==> flow/design.v <==
module alu_alu_arith_n #(
   parameter int DATA_WIDTH = 56
) (
   input  logic i_clk,
   input  logic [DATA_WIDTH-1:0] in_in0,
   input  logic [DATA_WIDTH-1:0] in_in1,
   input  logic in_dir,
   output logic [DATA_WIDTH-1:0] out_res
);
   logic [DATA_WIDTH-1:0] in0_r;
   logic [DATA_WIDTH-1:0] in1_r;
   logic dir_r;
   always_ff @(posedge i_clk) begin
      in0_r <= in_in0;
      in1_r <= in_in1;
      dir_r <= in_dir;
   end
   logic [DATA_WIDTH-1:0] nxt;
   always_comb begin
      if (dir_r)
         nxt = in0_r - in1_r;
      else
         nxt = in0_r + in1_r;
   end
   assign out_res = nxt;
endmodule
== From RTL to reports: alu_alu_arith_n ==
Tool output for the design above, in the order of the flow.
Line numbers count from 1 in the design file above.
Operators carry their Yosys type and port widths (W data, S select, Z words).
Cell names lack the library's common part.
A cell with - has no value.

* Top module: alu_alu_arith_n
* Clock input: i_clk
* Standard-cell library: sky130hd
* Timing corner: tt_025C_1v80

== Word level ==
Counts by Yosys on the flattened word-level netlist (proc, flatten, opt, wreduce; memories kept). Register bits leave out memories and registers merged into their read ports (data or address); mux counts leave out enables and synchronous resets folded into registers. Print and check cells are left out. Cells with the same type and inputs are merged into one.

* Add/subtract/negate cells: 2
* $mul: 0
* Div/mod/pow operators: 0
* Order comparisons: 0
* Equality and inequality tests: 0
* Shift-type cells: 0
* Muxes and demuxes: 1
* Bitwise gates (word level): 0
* Reductions and logical operators: 0

{| class="wikitable"
|+ Operators by type and width
! cell !! count
|-
| $add A56 B56 Y56 || 1
|-
| $sub A56 B56 Y56 || 1
|-
| $mux W56 || 1
|}

* Register bits: 113
* Bits in latches: 0
* Memory bits (writable): 0
* Bits in read-only memories: 0
* Word width x clocked read ports: 0
* Memories kept: 0
* Input port bits: 114
* Output and inout port bits: 56
* Word-level cells: 6

== Longest topological paths ==
Yosys ltp: most cells in a row. Word level: on the elaborated netlist, between registers, memories and ports. Mapped: between sequential cells and ports; inverters and the memories' decode and read muxes count.

* Depth after elaboration: 2
* ABC_AREA: 0
* Gate-level depth with buffers: 19
* Gate-level depth less buffers: 18

== Mapped cells and area ==
Yosys stat after the flow's synthesis: flattened, memories mapped to cells. It holds for the ABC_AREA given above (unset counts as 0); a run with the other value may have another netlist.

{| class="wikitable"
|+ Cells by type
! cell type !! count !! area in all (µm²)
|-
| dfxtp_1 || 113 || 2262.17
|-
| xnor2_1 || 81 || 709.43
|-
| ha_1 || 56 || 700.672
|-
| a21oi_1 || 107 || 535.514
|-
| nor2_1 || 75 || 281.52
|-
| xor2_1 || 24 || 210.202
|-
| nand2_1 || 52 || 195.187
|-
| o21ai_0 || 38 || 190.182
|-
| a21o_1 || 25 || 187.68
|-
| o21bai_1 || 18 || 135.13
|-
| inv_1 || 33 || 123.869
|-
| nor3_1 || 24 || 120.115
|-
| clkbuf_1 || 30 || 112.608
|-
| nand4_1 || 18 || 112.608
|-
| a31oi_1 || 13 || 81.328
|-
| and3_1 || 12 || 75.072
|-
| nand3_1 || 13 || 65.062
|-
| o21a_1 || 7 || 52.55
|}

Not listed: further types 41, cells in them 78.

* Mapped cells: 817
* Chip area (Yosys): 6816.5 µm²
* Sequential part of the area: 2262.2 µm²
* Mapped flip-flops: 113
* Buffers: 32

== Worst setup path after synthesis ==
OpenSTA on the mapped netlist: ideal clock, no wires. The path of least setup slack (recovery checks aside). Input and output delay are each 20% of the period. Register names are those of the netlist, which keeps one name where synthesis merged equal registers.

* Path kind: register to output
* From: register in1_r[29]
* To: output port out_res[53]
* Clock period: 6.76 ns
* Output delay: 1.352 ns
* Time at the first pin: 0.000 ns
* Data arrival time: 4.326 ns
* Data required time: 5.408 ns
* Path slack: 1.082 ns
* Delay of the path: 4.326 ns
* Driving pins on the path: 17
* Buffers on the path: 1
* Synthesis period reached: 5.678 ns

"delay of the path" = arrival - input delay + setup time.
A path that ends at an output port has no setup time.
"driving pins on the path" counts driving pins, that of a launching flip-flop among them; a cell with two outputs on the path counts twice.
"synthesis period reached" = period - worst setup slack (recovery checks aside). The figure is calculated, with input and output delays left at 20% of the set period.
The rows between start and end are the longest chain of elaborated cells between them; the timing report does not say that the signal goes this way. Where chains are equally long, one stands for them.
A line is the first line of the expression or statement that the cell stems from. Yosys adds cells for indexed reads and writes and turns some case tables into memories.

* Cells stage by stage: dfxtp_1 or4_4 or3_4 nor4_4 nor3b_4 nand2b_4 nor3_1 a21oi_1 xnor2_1 ha_1 clkbuf_1 and3_1 nand3_1 nor4_1 a2111oi_0 o41ai_1 xor2_1
* Length of the longest elaborated chain: 2
* Elaborated cells between the ends (all ways): 3
* RTL lines with such cells: 3
* Classes of those cells: 2 x add/sub; 1 x mux

{| class="wikitable"
|+ Ends and longest elaborated chain, post-synthesis
! element !! line !! text
|-
| from (decl) || 11 || <nowiki>logic [DATA_WIDTH-1:0] in1_r;</nowiki>
|-
| from (assign) || 15 || <nowiki>in1_r <= in_in1;</nowiki>
|-
| $add A56 B56 Y56 || 23 || <nowiki>nxt = in0_r + in1_r;</nowiki>
|-
| $mux W56 || 20 || <nowiki>if (dir_r)</nowiki>
|-
| to (decl) || 8 || <nowiki>output logic [DATA_WIDTH-1:0] out_res</nowiki>
|}

== Path in the finished layout ==
Path of least setup slack in the final report of flow run 2 (OpenROAD, finished layout, wires in). Where an end is a register, its clock arrival counts in the times.

* Path kind: register to output
* From: register in1_r[26]
* To: output port out_res[55]
* Clock period: 4.68 ns
* Output delay: 0.94 ns
* Time at the first pin: 0.41 ns
* Data arrival time: 4.82 ns
* Data required time: 3.74 ns
* Path slack: -1.08 ns
* Driving pins on the path: 19
* Buffers on the path: 4

The rows between start and end are the longest chain of elaborated cells between them; the timing report does not say that the signal goes this way. Where chains are equally long, one stands for them.

* Cells stage by stage: dfxtp_2 or4_4 or3_4 nor4_4 nor3b_4 nand2b_4 buf_12 nor4_4 buf_4 buf_6 a21oi_4 xnor2_4 ha_4 and3_4 a221o_1 a21oi_2 o41ai_4 xnor2_2 buf_2
* Length of the longest elaborated chain: 2
* Elaborated cells between the ends (all ways): 3
* RTL lines with such cells: 3
* Classes of those cells: 2 x add/sub; 1 x mux

{| class="wikitable"
|+ Ends and longest elaborated chain, post-layout
! element !! line !! text
|-
| from (decl) || 11 || <nowiki>logic [DATA_WIDTH-1:0] in1_r;</nowiki>
|-
| from (assign) || 15 || <nowiki>in1_r <= in_in1;</nowiki>
|-
| $add A56 B56 Y56 || 23 || <nowiki>nxt = in0_r + in1_r;</nowiki>
|-
| $mux W56 || 20 || <nowiki>if (dir_r)</nowiki>
|-
| to (decl) || 8 || <nowiki>output logic [DATA_WIDTH-1:0] out_res</nowiki>
|}

Subject: alu_alu_arith_n on sky130hd, stored results

Hello all,

Top module alu_alu_arith_n; platform sky130hd; tools Yosys and OpenROAD; 3 stored runs in no particular order. Input and output delays are each 20% of the period that was set; the output load is 0.01 pF.
"period reached" = clock period - worst setup slack. The figure is calculated, with input and output delays left at 20% of the set period.
"total power after layout": no workload was simulated; the value follows from the tool's default switching activity.

=== Flow run 1 ===
{| class="wikitable"
! Setting !! Value
|-
| period_ns || 6.29
|-
| CORE_UTILIZATION || 68
|-
| PLACE_DENSITY_LB_ADDON || 0.14
|-
| CELL_PAD_IN_SITES_GLOBAL_PLACEMENT || 0
|-
| CELL_PAD_IN_SITES_DETAIL_PLACEMENT || 1
|-
| TNS_END_PERCENT || 65
|-
| ABC_AREA || 0
|-
| CAP_MARGIN || 10
|-
| CORE_MARGIN || 2
|-
| SLEW_MARGIN || 20
|}
No results, placement failed with DPL-0033.

=== Flow run 2 ===
{| class="wikitable"
! Setting !! Value
|-
| period_ns || 4.68
|-
| CORE_UTILIZATION || 35
|-
| SETUP_SLACK_MARGIN || -0.42
|-
| PLACE_DENSITY || 0.54
|-
| HOLD_SLACK_MARGIN || -0.06
|-
| CELL_PAD_IN_SITES_GLOBAL_PLACEMENT || 1
|-
| TNS_END_PERCENT || 25
|-
| CTS_CLUSTER_SIZE || 89
|-
| CAP_MARGIN || 20
|-
| CORE_MARGIN || 2
|-
| SLEW_MARGIN || 20
|-
! Result !! Value
|-
| Period reached || 5.756 ns
|-
| Standard-cell area after layout || 12609.6 µm²
|-
| Total power after layout || 4315 uW
|-
| Utilization of the finished layout || 65.4%
|-
| Worst setup slack after layout || -1.076 ns
|-
| Overall die area || 20608.0 µm²
|-
| Chip area after synthesis (Yosys) || 6816.5 µm²
|}

=== Flow run 3 ===
{| class="wikitable"
! Setting !! Value
|-
| period_ns || 6.76
|-
| CAP_MARGIN || 20
|-
| CORE_MARGIN || 2
|-
| CORE_UTILIZATION || 40
|-
| SLEW_MARGIN || 20
|-
! Result !! Value
|-
| Period reached || 6.562 ns
|-
| Standard-cell area after layout || 9609.2 µm²
|-
| Total power after layout || 2646 uW
|-
| Utilization of the finished layout || 57.7%
|-
| Worst setup slack after layout || 0.198 ns
|-
| Overall die area || 18101.0 µm²
|-
| Chip area after synthesis (Yosys) || 6816.5 µm²
|}

Thanks
